==> flow/design.v <==
module alu_relation #(
  parameter int DATA_W = 12
) (
  input logic clk_i,
  input logic srst,
  input logic [DATA_W-1:0] i_lhs,
  input logic [DATA_W-1:0] i_rhs,
  output logic o_gt,
  output logic o_same
);
  logic [DATA_W-1:0] r_lhs;
  logic [DATA_W-1:0] r_rhs;
  always_ff @(posedge clk_i) begin
    if (srst) begin
      r_lhs <= '0;
      r_rhs <= '0;
    end else begin
      r_lhs <= i_lhs;
      r_rhs <= i_rhs;
    end
  end
  localparam int GROUPS = DATA_W / 4;
  logic [GROUPS:0] g;
  logic [GROUPS:0] e;
  assign g[0] = 1'b0;
  assign e[0] = 1'b1;
  generate
    for (genvar ii = 0; ii < GROUPS; ii++) begin : u_g
      nib_cmp inst (.a(r_lhs[4*ii +: 4]), .b(r_rhs[4*ii +: 4]), .gi(g[ii]), .ei(e[ii]), .go(g[ii+1]), .eo(e[ii+1]));
    end
  endgenerate
  always_ff @(posedge clk_i) begin
    if (srst) begin
      o_gt <= 1'b0;
      o_same <= 1'b0;
    end else begin
      o_gt <= g[GROUPS];
      o_same <= e[GROUPS];
    end
  end
endmodule
module nib_cmp (
  input logic [3:0] a,
  input logic [3:0] b,
  input logic gi,
  input logic ei,
  output logic go,
  output logic eo
);
  assign go = (a > b) | ((a == b) & gi);
  assign eo = (a == b) & ei;
endmodule
Reports on alu_relation
What the tools print for alu_relation, step after step.
Lines are those of the file above, counted from 1.
Operators: Yosys type, input widths -> output width; for muxes data width and select width s.
Library cell names are shortened.
{ "setup": {"design": "alu_relation", "clk_port": "clk_i", "cell_library": "sky130hd", "lib_corner": "tt_025C_1v80"} }

Word-level counts
Yosys after proc, flatten, opt, wreduce and memory -nomap, before mapping. Enables and synchronous resets that opt folds into registers are not counted as muxes. Memory bits, and registers merged into a memory's read port (data or address), are not among the register bits. Print and check cells are not counted. Equal cells are merged and count once.
{ "word_totals": {"out_inout_bits": 2, "elab_cells": 16, "register_bits": 26} }
{ "classes": {"equal": 3, "n_logic": 6, "compare": 3} }
{ "ops": {"columns": ["op", "n"], "rows": [
  ["$gt 4x4->1", 3],
  ["$eq 4x4->1", 3],
  ["$and 1x1->1", 4],
  ["$or 1x1->1", 2]
]} }

Longest topological paths
Depth = most cells in a row (Yosys ltp): at word level without a register or memory, in the mapped netlist without a sequential cell, where the memories' decode and read muxes count.
{ "logic_depth": {"ltp_word": 5, "abc_area": 0, "ltp_mapped": 6} }

After synthesis
The flow's flattened synthesis, as Yosys stat reports it; memories are mapped. The netlist is that of the ABC_AREA named above (0 if unset); the other value can give another one.
{ "mapped": {"sequential_area_mm2": 0.0005205, "buffers": 2, "ff_cells": 26, "cells": 96, "mapped_area_mm2": 0.001026} }
{ "types": {"columns": ["type", "n", "area_total_um2"], "rows": [
  ["dfxtp_1", 26, 520.499],
  ["ha_1", 12, 150.144],
  ["and2b_1", 14, 105.101],
  ["nor2b_1", 10, 62.56],
  ["inv_1", 12, 45.043],
  ["a21oi_1", 4, 20.019],
  ["nand2b_1", 3, 18.768],
  ["nand4_1", 3, 18.768],
  ["nor2b_4", 1, 13.763],
  ["o211ai_2", 1, 12.512],
  ["a41oi_1", 1, 8.758],
  ["o31a_1", 1, 8.758],
  ["a21o_1", 1, 7.507],
  ["clkbuf_1", 2, 7.507],
  ["o21a_1", 1, 7.507],
  ["nor4_1", 1, 6.256],
  ["o21ai_0", 1, 5.005],
  ["nand2_1", 1, 3.754],
  ["nor2_1", 1, 3.754]
]} }
The figures by module come from a second, unflattened synthesis with its own total; it is not the netlist above.
{ "unflattened": {"hier_cells": 104, "hier_area_mm2": 0.001031} }
Rows give one instance, submodules left out.
{ "by_module": {"columns": ["mod", "area_mm2", "instances", "seq_area_mm2", "n_cells"], "rows": [
  ["alu_relation", 0.0007082, 1, 0.0005205, 56],
  ["nib_cmp", 0.0001076, 3, 0, 16]
]} }

Worst setup path after synthesis
OpenSTA on the mapped netlist: ideal clock, no wires. The path of least setup slack (recovery checks aside). Input and output delay are each 20% of the period. Register names are those of the netlist, which keeps one name where synthesis merged equal registers.
{ "synth_path": {"kind": "register to register", "start": "register r_rhs[1]", "end": "register o_gt", "t_required_ns": 1.500, "path_stages": 7, "setup_slack_ns": 0.325, "arrival_ns": 1.175, "delay_ns": 1.295, "clock_period_ns": 1.62, "launch_ns": 0.000, "period_less_setup_slack_ns": 1.295} }
"delay_ns" = arrival - input delay + setup time.
"path_stages": output pins that drive a net of the path, with the launching flip-flop's if there is one; two outputs of one cell count as two.
"period_less_setup_slack_ns" is the clock period less the worst setup slack; recovery checks do not enter. This is arithmetic on one report: input and output delays are still those of the set period (20% each).
The rows between start and end are the longest chain of elaborated cells between them; the timing report does not say that the signal goes this way. Where chains are equally long, one stands for them.
A line is the first line of the expression or statement that the cell stems from. Yosys adds cells for indexed reads and writes and turns some case tables into memories.
{ "synth_between": {"cell_sequence": "dfxtp_1 -> inv_1 -> ha_1 -> nor2b_4 -> o211ai_2 -> a21oi_1 -> o31a_1", "elab_chain_cells": 5} }
{ "synth_lines": {"columns": ["item", "line", "text"], "rows": [
  ["start, declared", 12, "logic [DATA_W-1:0] r_rhs;"],
  ["start, assigned", 16, "r_rhs <= '0;"],
  ["start, assigned", 19, "r_rhs <= i_rhs;"],
  ["$gt 4x4->1", 50, "assign go = (a > b) | ((a == b) & gi);"],
  ["$and 1x1->1", 50, null],
  ["$or 1x1->1", 50, null],
  ["$and 1x1->1", 50, null],
  ["$or 1x1->1", 50, null],
  ["end, assigned", 34, "o_gt <= 1'b0;"],
  ["end, assigned", 37, "o_gt <= g[GROUPS];"],
  ["end, declared", 8, "output logic o_gt,"]
]} }

Path in the finished layout
Path of least setup slack in the final report of run 1 (OpenROAD, finished layout, wires in). Where an end is a register, its clock arrival counts in the times.
{ "layout_path": {"kind": "register to output", "start": "register o_gt", "end": "output o_gt", "setup_slack_ns": 0.09, "arrival_ns": 1.20, "clock_period_ns": 1.62, "path_stages": 2, "t_required_ns": 1.30, "launch_ns": 0.32, "out_delay_ns": 0.32} }
{ "layout_between": {"cell_sequence": "dfxtp_1 -> clkdlybuf4s50_1", "elab_chain_cells": 0} }
{ "layout_lines": {"columns": ["item", "line", "text"], "rows": [
  ["start, declared", 8, "output logic o_gt,"],
  ["start, assigned", 34, "o_gt <= 1'b0;"],
  ["start, assigned", 37, "o_gt <= g[GROUPS];"],
  ["end, declared", 8, null]
]} }

Data sheet: physical implementation of alu_relation

Flow measurements of alu_relation on sky130hd: 3 stored runs with different settings, listed in no order. Input and output delays are each 20% of the period that was set; the output load is 0.01 pF.
"time used up by the worst setup path" is the time allowed to the run's worst setup path (the clock period less input and output delay, where it has them) less its slack. Clock arrival times count: a late capture clock shortens it, a late launch clock lengthens it.

==> run 1: settings <==
{ "period_ns": 1.62, "CAP_MARGIN": 20, "CORE_MARGIN": 2, "CORE_UTILIZATION": 40, "SLEW_MARGIN": 20 }
==> run 1: results <==
area of the die: 0.0029861 mm²
time used up by the worst setup path: 1.20 ns
critical path type: register to output
setup slack of the worst path: 0.093 ns
final worst hold slack: 0.531 ns
chip area in the Yosys report: 0.001026 mm²
standard-cell area of the final layout: 0.0013988 mm²

==> run 2: settings <==
{ "period_ns": 1.07, "CORE_UTILIZATION": 63, "SETUP_SLACK_MARGIN": 0.02, "CELL_PAD_IN_SITES_GLOBAL_PLACEMENT": 2, "TNS_END_PERCENT": 80, "GPL_ROUTABILITY_DRIVEN": 1, "CTS_CLUSTER_SIZE": 25, "SLEW_MARGIN": 0, "MIN_ROUTING_LAYER": "met2", "CAP_MARGIN": 20, "CORE_MARGIN": 2 }
==> run 2: results <==
did not finish, placement stopped with GPL-0301

==> run 3: settings <==
{ "period_ns": 1.37, "CORE_UTILIZATION": 33, "SETUP_SLACK_MARGIN": 0.25, "PLACE_DENSITY": 0.81, "CORE_ASPECT_RATIO": 0.59, "CORE_MARGIN": 9, "CELL_PAD_IN_SITES_GLOBAL_PLACEMENT": 2, "TNS_END_PERCENT": 40, "GPL_ROUTABILITY_DRIVEN": 0, "CTS_CLUSTER_DIAMETER": 118, "CAP_MARGIN": 25, "MIN_ROUTING_LAYER": "met1", "MAX_ROUTING_LAYER": "met4", "SLEW_MARGIN": 20 }
==> run 3: results <==
area of the die: 0.0055106 mm²
time used up by the worst setup path: 1.30 ns
critical path type: register to register
setup slack of the worst path: 0.069 ns
final worst hold slack: 0.553 ns
chip area in the Yosys report: 0.001026 mm²
standard-cell area of the final layout: 0.0015202 mm²
